==> flow/design.v <==
module selector #(
    parameter DWIDTH = 6,
    parameter N_IN = 20,
    parameter SW = $clog2(N_IN)
) (
    input wire clk,
    input wire [N_IN*DWIDTH-1:0] in,
    input wire [SW-1:0] idx,
    output wire [DWIDTH-1:0] y
);
    wire [DWIDTH-1:0] lanes [0:N_IN-1];
    genvar k;
    generate
        for (k = 0; k < N_IN; k = k + 1) begin : stage
            assign lanes[k] = in[k*DWIDTH +: DWIDTH];
        end
    endgenerate
    reg [DWIDTH-1:0] y_r;
    always @(posedge clk) begin
        y_r <= lanes[idx];
    end
    assign y = y_r;
endmodule
Reports on selector
What the tools print for selector, step after step. Line numbers count from 1 in the design file above. Operators carry their Yosys type and port widths (W data, S select, Z words). Cell names lack the library's common part. The mark n/a stands for no value.

Top module: selector. Clock: clk. Standard-cell library: sky130hd. Timing corner: tt_025C_1v80.

After elaboration
Yosys after proc, flatten, opt, wreduce and memory -nomap, before mapping. Enables and synchronous resets that opt folds into registers are not counted as muxes. Memory bits, and registers merged into a memory's read port (data or address), are not among the register bits. Print and check cells are not counted. Equal cells are merged and count once.

Under register bits stands 6. Output and inout port bits: 6. For word-level cells the number is 22. The entry for input port bits reads 126.

Equal/unequal tests: 19. For mux-type cells the number is 1. The figure for reduce/logical cells is 1.

Operators with widths (count): $pmux W6 S20 (1); $eq A5 B4 Y1 const B (8); $eq A5 B3 Y1 const B (4); $eq A5 B5 Y1 const B (4); $eq A5 B2 Y1 const B (2); $eq A5 B1 Y1 const B (1); $logic_not A5 Y1 (1).

Depth
Longest topological path by Yosys (ltp), each cell counted once; first at word level (registers and memories cut), then after technology mapping (sequential cells cut; the memories' decode and read muxes count).

Under depth after elaboration stands 2. ABC_AREA: 0. The figure for gate-level depth with buffers is 8. The figure for mapped depth without buffers is 5.

After synthesis
Source: synth_stat.txt of the flow (Yosys; design flattened, memories mapped). It holds for the ABC_AREA given above (unset counts as 0); a run with the other value may have another netlist. Totals and module areas in this step are rounded.

Cells by type: nand3_1 (count 26, area in all 130.125 um^2); dfxtp_1 (count 6, area in all 120.115 um^2); mux2i_1 (count 8, area in all 80.077 um^2); a31oi_1 (count 12, area in all 75.072 um^2); a22o_1 (count 8, area in all 70.067 um^2); buf_2 (count 12, area in all 60.058 um^2); a32oi_1 (count 6, area in all 52.55 um^2); a22oi_1 (count 6, area in all 45.043 um^2); mux2_2 (count 4, area in all 45.043 um^2); mux4_2 (count 2, area in all 45.043 um^2); nand2b_1 (count 6, area in all 37.536 um^2); nor2b_1 (count 5, area in all 31.28 um^2); a21oi_1 (count 6, area in all 30.029 um^2); nand2_1 (count 8, area in all 30.029 um^2); nor3_1 (count 6, area in all 30.029 um^2); o21ai_0 (count 6, area in all 30.029 um^2); o32a_1 (count 3, area in all 30.029 um^2); a311oi_1 (count 3, area in all 26.275 um^2).

Other cell types: 33; their cells: 58.

For cells in the netlist the number is 191. The entry for synthesis area reads 1400 um^2. Flip-flop cells: 6. The figure for buffers is 21. The entry for sequential part of the area reads 120 um^2.

Timing after synthesis
Source: OpenSTA report_checks on the synthesized netlist (no wires, ideal clock, input and output delay 20% of the period each), path of least setup slack; recovery checks are left aside. Register names are those of the netlist, which keeps one name where synthesis merged equal registers.

Path kind: input-to-reg. Start point: input idx[1]. End point: register y_r[4]. The entry for input delay reads 0.410 ns. Launch time at the first pin: 0.410 ns. The entry for clock period reads 2.05 ns. The figure for slack is 0.325 ns. The figure for library setup time is 0.122 ns. Stages on the path: 7. Under data required time stands 1.928 ns. For buffers on the path the number is 2. The figure for delay of the path is 1.315 ns. For arrival the number is 1.603 ns. The entry for synthesis period reached reads 1.725 ns.

"delay of the path" is the arrival time less input delay plus setup time. "stages on the path" counts driving pins, that of a launching flip-flop among them; a cell with two outputs on the path counts twice. "synthesis period reached" is the clock period less the worst setup slack; recovery checks do not enter. This is arithmetic on one report: input and output delays are still those of the set period (20% each). The rows between start and end are the longest chain of elaborated cells between them; the timing report does not say that the signal goes this way. Where chains are equally long, one stands for them. Each line given opens the expression or statement behind the cell; cells for indexed reads and writes are added by Yosys, which also makes memories of some case tables.

Path through: buf_6 and2_4 buf_6 a22o_1 a22oi_2 o221ai_2 o32a_1. The figure for length of the longest elaborated chain is 2. Elaborated cells between the ends (all ways): 21. For RTL lines with such cells the number is 1. Classes of those cells: eq/ne (19); mux (1); reduce/logical (1).

Ends and longest elaborated chain, post-synthesis: from (decl) (line 8) `input wire [SW-1:0] idx,`; $eq A5 B5 Y1 (line 20) `y_r <= lanes[idx];`; $pmux W6 S20 (line 20); to (assign) (line 20); to (decl) (line 18) `reg [DWIDTH-1:0] y_r;`.

Worst path after layout
Path of least setup slack in the final report of flow run 2 (OpenROAD, finished layout, wires in). Where an end is a register, its clock arrival counts in the times.

Path kind: input-to-reg. Start point: input idx[1]. End point: register y_r[5]. The entry for clock period reads 1.05 ns. The entry for input delay reads 0.21 ns. Launch time at the first pin: 0.21 ns. Stages on the path: 7. Under data required time stands 1.15 ns. For arrival the number is 1.47 ns. The figure for library setup time is 0.12 ns. The figure for slack is -0.32 ns. For buffers on the path the number is 2.

The rows between start and end are the longest chain of elaborated cells between them; the timing report does not say that the signal goes this way. Where chains are equally long, one stands for them.

Path through: buf_12 buf_12 mux2i_4 o21ai_2 a2bb2oi_2 nand4_1 o32a_1. The figure for length of the longest elaborated chain is 2. Elaborated cells between the ends (all ways): 21. For RTL lines with such cells the number is 1. Classes of those cells: eq/ne (19); mux (1); reduce/logical (1).

Ends and longest elaborated chain, post-layout: from (decl) (line 8) `input wire [SW-1:0] idx,`; $eq A5 B5 Y1 (line 20) `y_r <= lanes[idx];`; $pmux W6 S20 (line 20); to (assign) (line 20); to (decl) (line 18) `reg [DWIDTH-1:0] y_r;`.

## Implementation results

Design selector on sky130hd. What follows are 3 stored runs of the flow, each under its own settings; their order means nothing. The constraints put input and output delay at 20% of the set period each and load the outputs with 0.01 pF. "achieved clock period" = clock period - worst setup slack. The figure is calculated, with input and output delays left at 20% of the set period. "allowed time less slack (worst setup path)": the worst setup path's part of the clock period (all of it between registers, 20% less for each end at a port) less its slack. A launch clock that arrives late makes it longer, a capture clock that arrives late makes it shorter. "total design power": no workload was simulated; the value follows from the tool's default switching activity. Values from the reports are rounded here.

Files of flow run 1:
==> flow/run.sh <==
#!/bin/bash
# the make line also repeats the synthesis and layout settings of config.mk as NAME=value (left out here)
make -C /OpenROAD-flow-scripts/flow DESIGN_CONFIG=/design/flow/config.mk WORK_HOME=/design/flow/orfs CLKGATE_MAP_FILE= finish
==> flow/config.mk <==
export PLATFORM = sky130hd
export DESIGN_NAME = selector
export DESIGN_NICKNAME = selector
export VERILOG_FILES = /design/flow/design.v
export SDC_FILE = /design/flow/constraint.sdc
export NUM_CORES = 4
export LEC_CHECK = 0
export CAP_MARGIN = 20
export CELL_PAD_IN_SITES_DETAIL_PLACEMENT = 2
export CORE_MARGIN = 2
export CORE_UTILIZATION = 29
export CTS_CLUSTER_DIAMETER = 142
export GPL_ROUTABILITY_DRIVEN = 1
export MAX_ROUTING_LAYER = met4
export SETUP_SLACK_MARGIN = 0.56
export SLEW_MARGIN = 20
export TNS_END_PERCENT = 75
==> flow/constraint.sdc <==
create_clock -name core_clock -period 2.35 [get_ports {clk}]
set_input_delay 0.4700 -clock core_clock [delete_from_list [all_inputs] [get_ports {clk}]]
set_output_delay 0.4700 -clock core_clock [all_outputs]
set_load 0.01 [all_outputs]

Outcome of flow run 1: no final report: placement broke off with DPL-0033.

Files of flow run 2:
==> flow/run.sh <==
#!/bin/bash
# the make line also repeats the synthesis and layout settings of config.mk as NAME=value (left out here)
make -C /OpenROAD-flow-scripts/flow DESIGN_CONFIG=/design/flow/config.mk WORK_HOME=/design/flow/orfs CLKGATE_MAP_FILE= finish
==> flow/config.mk <==
export PLATFORM = sky130hd
export DESIGN_NAME = selector
export DESIGN_NICKNAME = selector
export VERILOG_FILES = /design/flow/design.v
export SDC_FILE = /design/flow/constraint.sdc
export NUM_CORES = 4
export LEC_CHECK = 0
export CAP_MARGIN = 30
export CORE_MARGIN = 2
export CORE_UTILIZATION = 15
export CTS_CLUSTER_DIAMETER = 354
export CTS_CLUSTER_SIZE = 24
export GPL_TIMING_DRIVEN = 0
export PLACE_DENSITY_LB_ADDON = 0.1
export SETUP_SLACK_MARGIN = 0.01
export SLEW_MARGIN = 20
export TNS_END_PERCENT = 5
==> flow/constraint.sdc <==
create_clock -name core_clock -period 1.05 [get_ports {clk}]
set_input_delay 0.2100 -clock core_clock [delete_from_list [all_inputs] [get_ports {clk}]]
set_output_delay 0.2100 -clock core_clock [all_outputs]
set_load 0.01 [all_outputs]

Results of flow run 2. The post-layout utilization stands at 38%. The achieved clock period comes to 1.368 ns. For the worst setup slack after layout the run shows -0.32 ns. The total design power stands at 1.9 mW. The post-route worst hold slack stands at 0.43 ns. The measured die area is 10,000 um^2. The cell area after synthesis stands at 1,400 um^2. The allowed time less slack (worst setup path) reads 1.16 ns. Worst setup path type: input-to-reg. The standard-cell area after routing reads 3,500 um^2. The total negative slack reads -1.7 ns.

Files of flow run 3:
==> flow/run.sh <==
#!/bin/bash
# the make line also repeats the synthesis and layout settings of config.mk as NAME=value (left out here)
make -C /OpenROAD-flow-scripts/flow DESIGN_CONFIG=/design/flow/config.mk WORK_HOME=/design/flow/orfs CLKGATE_MAP_FILE= finish
==> flow/config.mk <==
export PLATFORM = sky130hd
export DESIGN_NAME = selector
export DESIGN_NICKNAME = selector
export VERILOG_FILES = /design/flow/design.v
export SDC_FILE = /design/flow/constraint.sdc
export NUM_CORES = 4
export LEC_CHECK = 0
export CAP_MARGIN = 20
export CORE_MARGIN = 2
export CORE_UTILIZATION = 40
export SLEW_MARGIN = 20
==> flow/constraint.sdc <==
create_clock -name core_clock -period 2.05 [get_ports {clk}]
set_input_delay 0.4100 -clock core_clock [delete_from_list [all_inputs] [get_ports {clk}]]
set_output_delay 0.4100 -clock core_clock [all_outputs]
set_load 0.01 [all_outputs]

Results of flow run 3. The post-layout utilization stands at 93%. The achieved clock period comes to 2.087 ns. For the worst setup slack after layout the run shows -0.037 ns. The total design power stands at 0.89 mW. The post-route worst hold slack stands at 0.78 ns. The measured die area is 3,900 um^2. The cell area after synthesis stands at 1,400 um^2. The allowed time less slack (worst setup path) reads 1.68 ns. Worst setup path type: input-to-reg. The standard-cell area after routing reads 3,100 um^2. The total negative slack reads -0.070 ns.
